==> flow/design.v <==
module gen_shift #(
  parameter integer NBITS = 96,
  parameter integer SEL_W = $clog2(NBITS)
) (
  input wire i_clk,
  input wire rstn,
  input wire [NBITS-1:0] ch,
  input wire [SEL_W-1:0] by,
  output reg [NBITS-1:0] data_out
);
  reg [NBITS-1:0] ch_ff;
  reg [SEL_W-1:0] by_ff;
  reg [NBITS-1:0] val_ff;
  reg [1:0] by_ff_lo;
  always @(posedge i_clk or negedge rstn) begin
    if (~rstn) begin
      ch_ff <= 0;
      by_ff <= 0;
      val_ff <= 0;
      by_ff_lo <= 0;
      data_out <= 0;
    end else begin
      ch_ff <= ch;
      by_ff <= by;
      val_ff <= ch_ff >> {by_ff[SEL_W-1:2], 2'b00};
      by_ff_lo <= by_ff[1:0];
      data_out <= val_ff >> by_ff_lo;
    end
  end
endmodule
# Step by step through the tools: gen_shift
# Tool output for the design above, in the order of the flow.
# Lines are those of the file above, counted from 1.
# Library cell names are shortened.
# A cell with - has no value.
[design]
design = "gen_shift"
clock_port = "i_clk"
lib = "sky130hd"
lib_corner = "tt_025C_1v80"

# Word level
# Source: Yosys, flattened and elaborated, memories not mapped. Widths are those after wreduce; folded enables and synchronous resets count as part of the registers. Registers that Yosys merges into a memory's read port (data or address) are not register bits. Print and check cells do not count. Equal cells are merged and count once.
[classes]
add_sub_neg = 0
mul = 0
div = 0
cmp = 0
eq_ne = 0
shifts = 2
muxes = 0
n_logic = 0
reduce_logical = 0
[op_table]
columns = ["op", "n"]
rows = [
  ["96-bit by 2-bit >> shifter with 96-bit output", 1],
  ["96-bit by 7-bit >> shifter with 96-bit output", 1],
]
[bits]
register_bits = 297
latch_bits = 0
mem_bits_rw = 0
rom_bits = 0
clocked_rd_ports_x_width = 0
n_memories = 0
inputBits = 105
output_inout_bits = 96
word_cells = 7

# Logic depth
# Depth = most cells in a row (Yosys ltp): at word level without a register or memory, in the mapped netlist without a sequential cell, where the memories' decode and read muxes count.
[logic_depth]
word_depth = 1
ABC_AREA = 0
mapped_depth = 8
ltp_nobuf = 4

# After synthesis
# Yosys stat after the flow's synthesis: flattened, memories mapped to cells. It holds for the ABC_AREA given above (unset counts as 0); a run with the other value may have another netlist.
# The area totals of this step are shown rounded.
[mapped]
cell_count = 908
area_um2 = 14000
ff_cells = 297
buffers = 77
[types]
columns = ["cell", "n", "area_total_um2"]
rows = [
  ["dfrtp_1", 297, 7.43E+03],
  ["mux4_2", 172, 3.87E+03],
  ["mux2_2", 52, 585.562],
  ["mux2i_1", 44, 440.422],
  ["nor2_1", 62, 232.723],
  ["nand2_1", 47, 176.419],
  ["buf_2", 32, 160.154],
  ["a22oi_1", 20, 150.144],
  ["o211ai_1", 19, 142.637],
  ["buf_6", 9, 101.347],
  ["a21oi_1", 18, 90.086],
  ["o21ai_1", 18, 90.086],
  ["a211oi_1", 11, 82.579],
  ["clkbuf_1", 20, 75.072],
  ["mux2_4", 4, 60.058],
  ["a2bb2oi_1", 6, 52.55],
  ["nor2b_1", 8, 50.048],
  ["and2_1", 7, 43.792],
]
# Not listed: further types 27, cells in them 62.

# Worst setup path after synthesis
# Path of least setup slack by OpenSTA after synthesis, without wires, with an ideal clock, recovery checks aside; 20% of the period is set as input and as output delay. Where synthesis merged equal registers, the netlist keeps one of their names.
[synth_timing]
path_type = "reg2reg"
start = "register by_ff[2]"
end = "register val_ff[48]"
tclk_ns = 2.27
launch_ns = 0.000
arrival_time_ns = 1.682
required_time_ns = 2.138
setup_slack_ns = 0.456
delay_ns = 1.814
stages = 7
period_less_setup_slack_ns = 1.814
# "delay_ns" is the arrival time less input delay plus setup time.
# "stages": output pins that drive a net of the path, with the launching flip-flop's if there is one; two outputs of one cell count as two.
# "period_less_setup_slack_ns" is the clock period less the worst setup slack; recovery checks do not enter. This is arithmetic on one report: input and output delays are still those of the set period (20% each).
# The rows between start and end are the longest chain of elaborated cells between them; the timing report does not say that the signal goes this way. Where chains are equally long, one stands for them.
# Each line given opens the expression or statement behind the cell; cells for indexed reads and writes are added by Yosys, which also makes memories of some case tables.
[synth_via]
cell_sequence = "dfrtp_1 -> buf_6 -> buf_6 -> mux4_2 -> mux2_2 -> a22oi_1 -> nor2_1"
elab_chain_cells = 1
[synth_rtl]
columns = ["item", "line", "text"]
rows = [
  ["start: declaration", 12, "reg [SEL_W-1:0] by_ff;"],
  ["start: assignment", 18, "by_ff <= 0;"],
  ["start: assignment", 24, "by_ff <= by;"],
  ["96-bit by 7-bit >> shifter with 96-bit output", 25, "val_ff <= ch_ff >> {by_ff[SEL_W-1:2], 2'b00};"],
  ["end: assignment", 19, "val_ff <= 0;"],
  ["end: assignment", 25, ""],
  ["end: declaration", 13, "reg [NBITS-1:0] val_ff;"],
]

# Path in the finished layout
# Path of least setup slack in the final report of run B (OpenROAD, finished layout, wires in). Where an end is a register, its clock arrival counts in the times.
[layout_timing]
path_type = "reg2reg"
start = "register by_ff[2]"
end = "register val_ff[10]"
tclk_ns = 2.27
launch_ns = 0.55
arrival_time_ns = 2.60
required_time_ns = 2.68
setup_slack_ns = 0.08
stages = 6
# The rows between start and end are the longest chain of elaborated cells between them; the timing report does not say that the signal goes this way. Where chains are equally long, one stands for them.
[layout_via]
cell_sequence = "dfrtp_4 -> buf_4 -> mux2_4 -> mux4_2 -> a22oi_1 -> o21ai_1"
elab_chain_cells = 1
[layout_rtl]
columns = ["item", "line", "text"]
rows = [
  ["start: declaration", 12, "reg [SEL_W-1:0] by_ff;"],
  ["start: assignment", 18, "by_ff <= 0;"],
  ["start: assignment", 24, "by_ff <= by;"],
  ["96-bit by 7-bit >> shifter with 96-bit output", 25, "val_ff <= ch_ff >> {by_ff[SEL_W-1:2], 2'b00};"],
  ["end: assignment", 19, "val_ff <= 0;"],
  ["end: assignment", 25, ""],
  ["end: declaration", 13, "reg [NBITS-1:0] val_ff;"],
]

# Stored flow runs of gen_shift (2 of them; Yosys, OpenROAD, sky130hd). They differ in their settings and are not a sequence. Constraints: input delay and output delay 20% of the set period each, output load 0.01 pF.
# "period_less_ws_ns" = clock period - worst setup slack. The figure is calculated, with input and output delays left at 20% of the set period.
# "worst_path_ns" means the part of the period allowed to the worst setup path (the constraints hold back 20% at inputs and 20% at outputs) less its slack; where the path has registers, the arrival times of their clocks count too.
# "power_total_w" rests on the timing tool's default activity at the inputs, not on a simulated workload.
# Measured values are rounded.

[[run]]
name = "run A"
[run.settings]
period_ns = 1.21
CORE_UTILIZATION = 70
PLACE_DENSITY_LB_ADDON = 0.21
CORE_ASPECT_RATIO = 1.22
CELL_PAD_IN_SITES_DETAIL_PLACEMENT = 1
ABC_AREA = 1
CTS_CLUSTER_DIAMETER = 99
SLEW_MARGIN = 40
MIN_ROUTING_LAYER = "met1"
CAP_MARGIN = 20
CORE_MARGIN = 2
[run.results]
outcome = "not finished: placement ended with error DPL-0033"

[[run]]
name = "run B"
[run.settings]
period_ns = 2.27
CAP_MARGIN = 20
CORE_MARGIN = 2
CORE_UTILIZATION = 40
SLEW_MARGIN = 20
[run.results]
worst_path_ns = 2.19
worst_path_kind = "reg2reg"
synth_chip_area_um2 = 14000
dieArea_um2 = 37000
setup_ws_ns = 0.077
final_util_frac = 0.52
power_total_w = 0.014
stdcell_area_um2 = 18000
hold_ws_ns = 0.32
period_less_ws_ns = 2.193
tns_setup_ns = 0.000
